==> flow/design.v <==
module sync_multiplier_n #(
  parameter BITS = 14
) (
  input ck,
  input step,
  input [BITS-1:0] in_a,
  input [BITS-1:0] in_b,
  output reg [2*BITS-1:0] out_q
);
  reg [BITS-1:0] a_ff;
  reg [BITS-1:0] b_ff;
  always @(posedge ck) begin
    if (step) begin
      a_ff <= in_a;
      b_ff <= in_b;
    end
  end
  wire [2*BITS-1:0] lvl [0:BITS];
  assign lvl[0] = 0;
  genvar k;
  generate
    for (k = 0; k < BITS; k = k + 1) begin : lane
      assign lvl[k+1] = lvl[k] + (b_ff[k] ? {{BITS{1'b0}}, a_ff} << k : {2*BITS{1'b0}});
    end
  endgenerate
  always @(posedge ck) begin
    if (step) begin
      out_q <= lvl[BITS];
    end
  end
endmodule
# --- Step by step through the tools: sync_multiplier_n ---
# The steps from the RTL of sync_multiplier_n to its reports follow in flow order.
# Line numbers count from 1 in the design file above.
# Library cell names are shortened.
inputs:
  design: "sync_multiplier_n"
  clock_port: "ck"
  library: "sky130hd"
  lib_corner: "tt_025C_1v80"

# --- Word level ---
# Counts by Yosys on the flattened word-level netlist (proc, flatten, opt, wreduce; memories kept). Register bits leave out memories and registers merged into their read ports (data or address); mux counts leave out enables and synchronous resets folded into registers. Print and check cells are left out. Cells with the same type and inputs are merged into one.
classes:
  addsub: 13
  mul: 0
  div_mod_pow: 0
  compare: 0
  eq_ne: 0
  n_shift: 0
  mux: 14
  bitwise: 0
  n_reduce_logical: 0
ops:
  columns: ["operator", "count"]
  rows:
  - ["27-bit by 27-bit adder with 28-bit output", 1]
  - ["26-bit by 26-bit adder with 27-bit output", 1]
  - ["27-bit 2-to-1 mux", 1]
  - ["25-bit by 25-bit adder with 26-bit output", 1]
  - ["26-bit 2-to-1 mux", 1]
  - ["24-bit by 24-bit adder with 25-bit output", 1]
  - ["25-bit 2-to-1 mux", 1]
  - ["23-bit by 23-bit adder with 24-bit output", 1]
  - ["24-bit 2-to-1 mux", 1]
  - ["22-bit by 22-bit adder with 23-bit output", 1]
  - ["23-bit 2-to-1 mux", 1]
  - ["21-bit by 21-bit adder with 22-bit output", 1]
  - ["22-bit 2-to-1 mux", 1]
  - ["20-bit by 20-bit adder with 21-bit output", 1]
  - ["21-bit 2-to-1 mux", 1]
  - ["19-bit by 19-bit adder with 20-bit output", 1]
  - ["20-bit 2-to-1 mux", 1]
  - ["18-bit by 18-bit adder with 19-bit output", 1]
  - ["19-bit 2-to-1 mux", 1]
  - ["17-bit by 17-bit adder with 18-bit output", 1]
  - ["18-bit 2-to-1 mux", 1]
  - ["16-bit by 16-bit adder with 17-bit output", 1]
  - ["17-bit 2-to-1 mux", 1]
  - ["14-bit by 15-bit adder with 16-bit output", 1]
  - ["16-bit 2-to-1 mux", 1]
  - ["15-bit 2-to-1 mux", 1]
  - ["14-bit 2-to-1 mux", 1]
word_totals:
  register_bits: 56
  latchBits: 0
  mem_bits_rw: 0
  mem_bits_ro: 0
  clocked_rd_ports_x_width: 0
  n_memories: 0
  inputBits: 30
  output_inout_bits: 28
  word_cells: 30

# --- Longest topological paths ---
# Longest topological path by Yosys (ltp), each cell counted once; first at word level (registers and memories cut), then after technology mapping (sequential cells cut; the memories' decode and read muxes count).
logic_depth:
  depth_word: 14
  abc_area: 0
  depth_mapped: 21
  mapped_depth_nobuf: 20

# --- Mapped cells and area ---
# The flow's flattened synthesis, as Yosys stat reports it; memories are mapped. The netlist is that of the ABC_AREA named above (0 if unset); the other value can give another one.
# Totals and module areas in this step are rounded.
synth_totals:
  mapped_cells: 751
  synth_area_um2: 7950
  seq_area_um2: 1680
  ff_cells: 56
  n_buf: 33
types:
  columns: ["cell", "count", "area_total_um2"]
  rows:
  - ["fa_1", 146, 2.92E+03]
  - ["edfxtp_1", 56, 1.68E+03]
  - ["ha_1", 85, 1063.52]
  - ["and2_1", 91, 569.296]
  - ["nand2_1", 123, 461.693]
  - ["inv_1", 114, 427.91]
  - ["clkbuf_1", 30, 112.608]
  - ["a21oi_1", 21, 105.101]
  - ["xnor2_1", 10, 87.584]
  - ["xor2_1", 10, 87.584]
  - ["o21ai_0", 12, 60.058]
  - ["nand3_1", 7, 35.034]
  - ["nor2_1", 8, 30.029]
  - ["a211o_1", 3, 26.275]
  - ["nand2b_1", 4, 25.024]
  - ["nand4_1", 4, 25.024]
  - ["o211ai_2", 2, 25.024]
  - ["buf_6", 2, 22.522]
# Not listed: further types 16, cells in them 23.

# --- Worst setup path after synthesis ---
# Source: OpenSTA report_checks on the synthesized netlist (no wires, ideal clock, input and output delay 20% of the period each), path of least setup slack; recovery checks are left aside. Register names are those of the netlist, which keeps one name where synthesis merged equal registers.
synth_path:
  path_kind: "register -> register"
  startpoint: "register b_ff[8]"
  endpoint: "register out_q[26]"
  clock_period_ns: 6.76
  setup_time_ns: 0.265
  launch_ns: 0.000
  t_arrival_ns: 5.144
  required_time_ns: 6.495
  path_slack_ns: 1.351
  delay_ns: 5.409
  path_stages: 19
  n_path_buf: 1
  synth_period_reached_ns: 5.409
# "delay_ns" = arrival - input delay + setup time.
# "path_stages" counts driving pins, that of a launching flip-flop among them; a cell with two outputs on the path counts twice.
# "synth_period_reached_ns" is the clock period less the worst setup slack; recovery checks do not enter. This is arithmetic on one report: input and output delays are still those of the set period (20% each).
# Between the ends stands the longest chain of elaborated cells between them, by number of cells; it is not shown to be the way that was timed. Of several equally long chains one is given.
# A line is the first line of the expression or statement that the cell stems from. Yosys adds cells for indexed reads and writes and turns some case tables into memories.
synth_via:
  cell_sequence: "edfxtp_1 -> clkbuf_1 -> nand2_1 -> fa_1 -> inv_1 -> fa_1 -> inv_1 -> fa_1 -> inv_1 -> fa_1 -> fa_1 -> fa_1 -> ha_1 -> a21oi_1 -> o21ai_0 -> a221o_1 -> a41oi_1 -> o21ai_0 -> xor2_1"
  elab_chain_len: 7
  cells_between: 7
  cone_lines: 1
  classes_between: "6 x add/sub; 1 x mux"
synth_lines:
  columns: ["element", "line", "source"]
  rows:
  - ["from (decl)", 11, "reg [BITS-1:0] b_ff;"]
  - ["from (assign)", 15, "b_ff <= in_b;"]
  - ["22-bit 2-to-1 mux", 23, "assign lvl[k+1] = lvl[k] + (b_ff[k] ? {{BITS{1'b0}}, a_ff} << k : {2*BITS{1'b0}});"]
  - ["22-bit by 22-bit adder with 23-bit output", 23, null]
  - ["23-bit by 23-bit adder with 24-bit output", 23, null]
  - ["24-bit by 24-bit adder with 25-bit output", 23, null]
  - ["25-bit by 25-bit adder with 26-bit output", 23, null]
  - ["26-bit by 26-bit adder with 27-bit output", 23, null]
  - ["27-bit by 27-bit adder with 28-bit output", 23, null]
  - ["to (assign)", 28, "out_q <= lvl[BITS];"]
  - ["to (decl)", 8, "output reg [2*BITS-1:0] out_q"]

# --- Timing after layout ---
# From the final timing report of run 1: the path of least setup slack in the routed layout; clock arrival at registers is part of the times.
layout_path:
  path_kind: "register -> register"
  startpoint: "register a_ff[4]"
  endpoint: "register out_q[26]"
  clock_period_ns: 6.76
  setup_time_ns: 0.25
  launch_ns: 0.30
  t_arrival_ns: 5.97
  required_time_ns: 6.81
  path_slack_ns: 0.85
  path_stages: 18
  n_path_buf: 0
# Between the ends stands the longest chain of elaborated cells between them, by number of cells; it is not shown to be the way that was timed. Of several equally long chains one is given.
layout_via:
  cell_sequence: "edfxtp_1 -> nand2_1 -> fa_1 -> inv_1 -> fa_1 -> inv_1 -> fa_1 -> inv_1 -> fa_1 -> fa_1 -> fa_1 -> ha_1 -> a21oi_1 -> o21ai_0 -> a221o_1 -> a41oi_1 -> o21ai_0 -> xor2_1"
  elab_chain_len: 14
  cells_between: 27
  cone_lines: 1
  classes_between: "13 x add/sub; 14 x mux"
layout_lines:
  columns: ["element", "line", "source"]
  rows:
  - ["from (decl)", 10, "reg [BITS-1:0] a_ff;"]
  - ["from (assign)", 14, "a_ff <= in_a;"]
  - ["14-bit 2-to-1 mux", 23, "assign lvl[k+1] = lvl[k] + (b_ff[k] ? {{BITS{1'b0}}, a_ff} << k : {2*BITS{1'b0}});"]
  - ["14-bit by 15-bit adder with 16-bit output", 23, null]
  - ["16-bit by 16-bit adder with 17-bit output", 23, null]
  - ["17-bit by 17-bit adder with 18-bit output", 23, null]
  - ["18-bit by 18-bit adder with 19-bit output", 23, null]
  - ["19-bit by 19-bit adder with 20-bit output", 23, null]
  - ["20-bit by 20-bit adder with 21-bit output", 23, null]
  - ["21-bit by 21-bit adder with 22-bit output", 23, null]
  - ["22-bit by 22-bit adder with 23-bit output", 23, null]
  - ["23-bit by 23-bit adder with 24-bit output", 23, null]
  - ["24-bit by 24-bit adder with 25-bit output", 23, null]
  - ["25-bit by 25-bit adder with 26-bit output", 23, null]
  - ["26-bit by 26-bit adder with 27-bit output", 23, null]
  - ["27-bit by 27-bit adder with 28-bit output", 23, null]
  - ["to (assign)", 28, "out_q <= lvl[BITS];"]
  - ["to (decl)", 8, "output reg [2*BITS-1:0] out_q"]

Add stored flow runs of sync_multiplier_n

Measured data: module sync_multiplier_n, platform sky130hd, 3 stored runs of the flow under differing settings, order arbitrary. Input and output delays are each 20% of the period that was set; the output load is 0.01 pF.
"achieved_period_ns": clock period set for the run, less the worst setup slack. It is reckoned from that one timing run; input and output delays stay at 20% of the period that was set.
"worst_path_allowed_less_slack_ns": the worst setup path's part of the clock period (all of it between registers, 20% less for each end at a port) less its slack. A launch clock that arrives late makes it longer, a capture clock that arrives late makes it shorter.
The results are shown rounded.

--- run 1 ---
==> flow/run.sh <==
#!/bin/bash
# the make line also repeats the synthesis and layout settings of config.mk as NAME=value (left out here)
make -C /OpenROAD-flow-scripts/flow DESIGN_CONFIG=/design/flow/config.mk WORK_HOME=/design/flow/orfs CLKGATE_MAP_FILE= finish
==> flow/config.mk <==
export PLATFORM = sky130hd
export DESIGN_NAME = sync_multiplier_n
export DESIGN_NICKNAME = sync_multiplier_n
export VERILOG_FILES = /design/flow/design.v
export SDC_FILE = /design/flow/constraint.sdc
export NUM_CORES = 4
export LEC_CHECK = 0
export CAP_MARGIN = 20
export CORE_MARGIN = 2
export CORE_UTILIZATION = 40
export SLEW_MARGIN = 20
==> flow/constraint.sdc <==
create_clock -name core_clock -period 6.76 [get_ports {ck}]
set_input_delay 1.3520 -clock core_clock [delete_from_list [all_inputs] [get_ports {ck}]]
set_output_delay 1.3520 -clock core_clock [all_outputs]
set_load 0.01 [all_outputs]

==> results, as YAML <==
results:
  synth_area_um2: 7950
  die_area_um2: 21000
  finish.stdcell_area_um2: 8860
  worst_setup_slack_ns: 0.845
  timing.setup.tns_ns: 0.000
  achieved_period_ns: 5.915
  worst_path_allowed_less_slack_ns: 5.91
  worst_path_kind: "register -> register"

--- run 2 ---
==> flow/run.sh <==
#!/bin/bash
# the make line also repeats the synthesis and layout settings of config.mk as NAME=value (left out here)
make -C /OpenROAD-flow-scripts/flow DESIGN_CONFIG=/design/flow/config.mk WORK_HOME=/design/flow/orfs CLKGATE_MAP_FILE= finish
==> flow/config.mk <==
export PLATFORM = sky130hd
export DESIGN_NAME = sync_multiplier_n
export DESIGN_NICKNAME = sync_multiplier_n
export VERILOG_FILES = /design/flow/design.v
export SDC_FILE = /design/flow/constraint.sdc
export NUM_CORES = 4
export LEC_CHECK = 0
export CAP_MARGIN = 20
export CELL_PAD_IN_SITES_DETAIL_PLACEMENT = 1
export CELL_PAD_IN_SITES_GLOBAL_PLACEMENT = 0
export CORE_ASPECT_RATIO = 1.31
export CORE_MARGIN = 2
export CORE_UTILIZATION = 68
export MIN_ROUTING_LAYER = met1
export PLACE_DENSITY = 0.77
export SETUP_SLACK_MARGIN = 0.58
export SLEW_MARGIN = 30
==> flow/constraint.sdc <==
create_clock -name core_clock -period 5.48 [get_ports {ck}]
set_input_delay 1.0960 -clock core_clock [delete_from_list [all_inputs] [get_ports {ck}]]
set_output_delay 1.0960 -clock core_clock [all_outputs]
set_load 0.01 [all_outputs]

==> results, as YAML <==
outcome: "stopped before the end: placement reported DPL-0033"

--- run 3 ---
==> flow/run.sh <==
#!/bin/bash
# the make line also repeats the synthesis and layout settings of config.mk as NAME=value (left out here)
make -C /OpenROAD-flow-scripts/flow DESIGN_CONFIG=/design/flow/config.mk WORK_HOME=/design/flow/orfs CLKGATE_MAP_FILE= finish
==> flow/config.mk <==
export PLATFORM = sky130hd
export DESIGN_NAME = sync_multiplier_n
export DESIGN_NICKNAME = sync_multiplier_n
export VERILOG_FILES = /design/flow/design.v
export SDC_FILE = /design/flow/constraint.sdc
export NUM_CORES = 4
export LEC_CHECK = 0
export ABC_AREA = 0
export CAP_MARGIN = 20
export CELL_PAD_IN_SITES_DETAIL_PLACEMENT = 1
export CELL_PAD_IN_SITES_GLOBAL_PLACEMENT = 1
export CORE_MARGIN = 2
export CORE_UTILIZATION = 43
export CTS_CLUSTER_DIAMETER = 167
export GPL_TIMING_DRIVEN = 0
export MAX_ROUTING_LAYER = met5
export PLACE_DENSITY_LB_ADDON = 0.09
export SETUP_SLACK_MARGIN = 1.22
export SLEW_MARGIN = 0
==> flow/constraint.sdc <==
create_clock -name core_clock -period 7.32 [get_ports {ck}]
set_input_delay 1.4640 -clock core_clock [delete_from_list [all_inputs] [get_ports {ck}]]
set_output_delay 1.4640 -clock core_clock [all_outputs]
set_load 0.01 [all_outputs]

==> results, as YAML <==
results:
  synth_area_um2: 7950
  die_area_um2: 19600
  finish.stdcell_area_um2: 9080
  worst_setup_slack_ns: 1.45
  timing.setup.tns_ns: 0.000
  achieved_period_ns: 5.867
  worst_path_allowed_less_slack_ns: 5.87
  worst_path_kind: "register -> register"
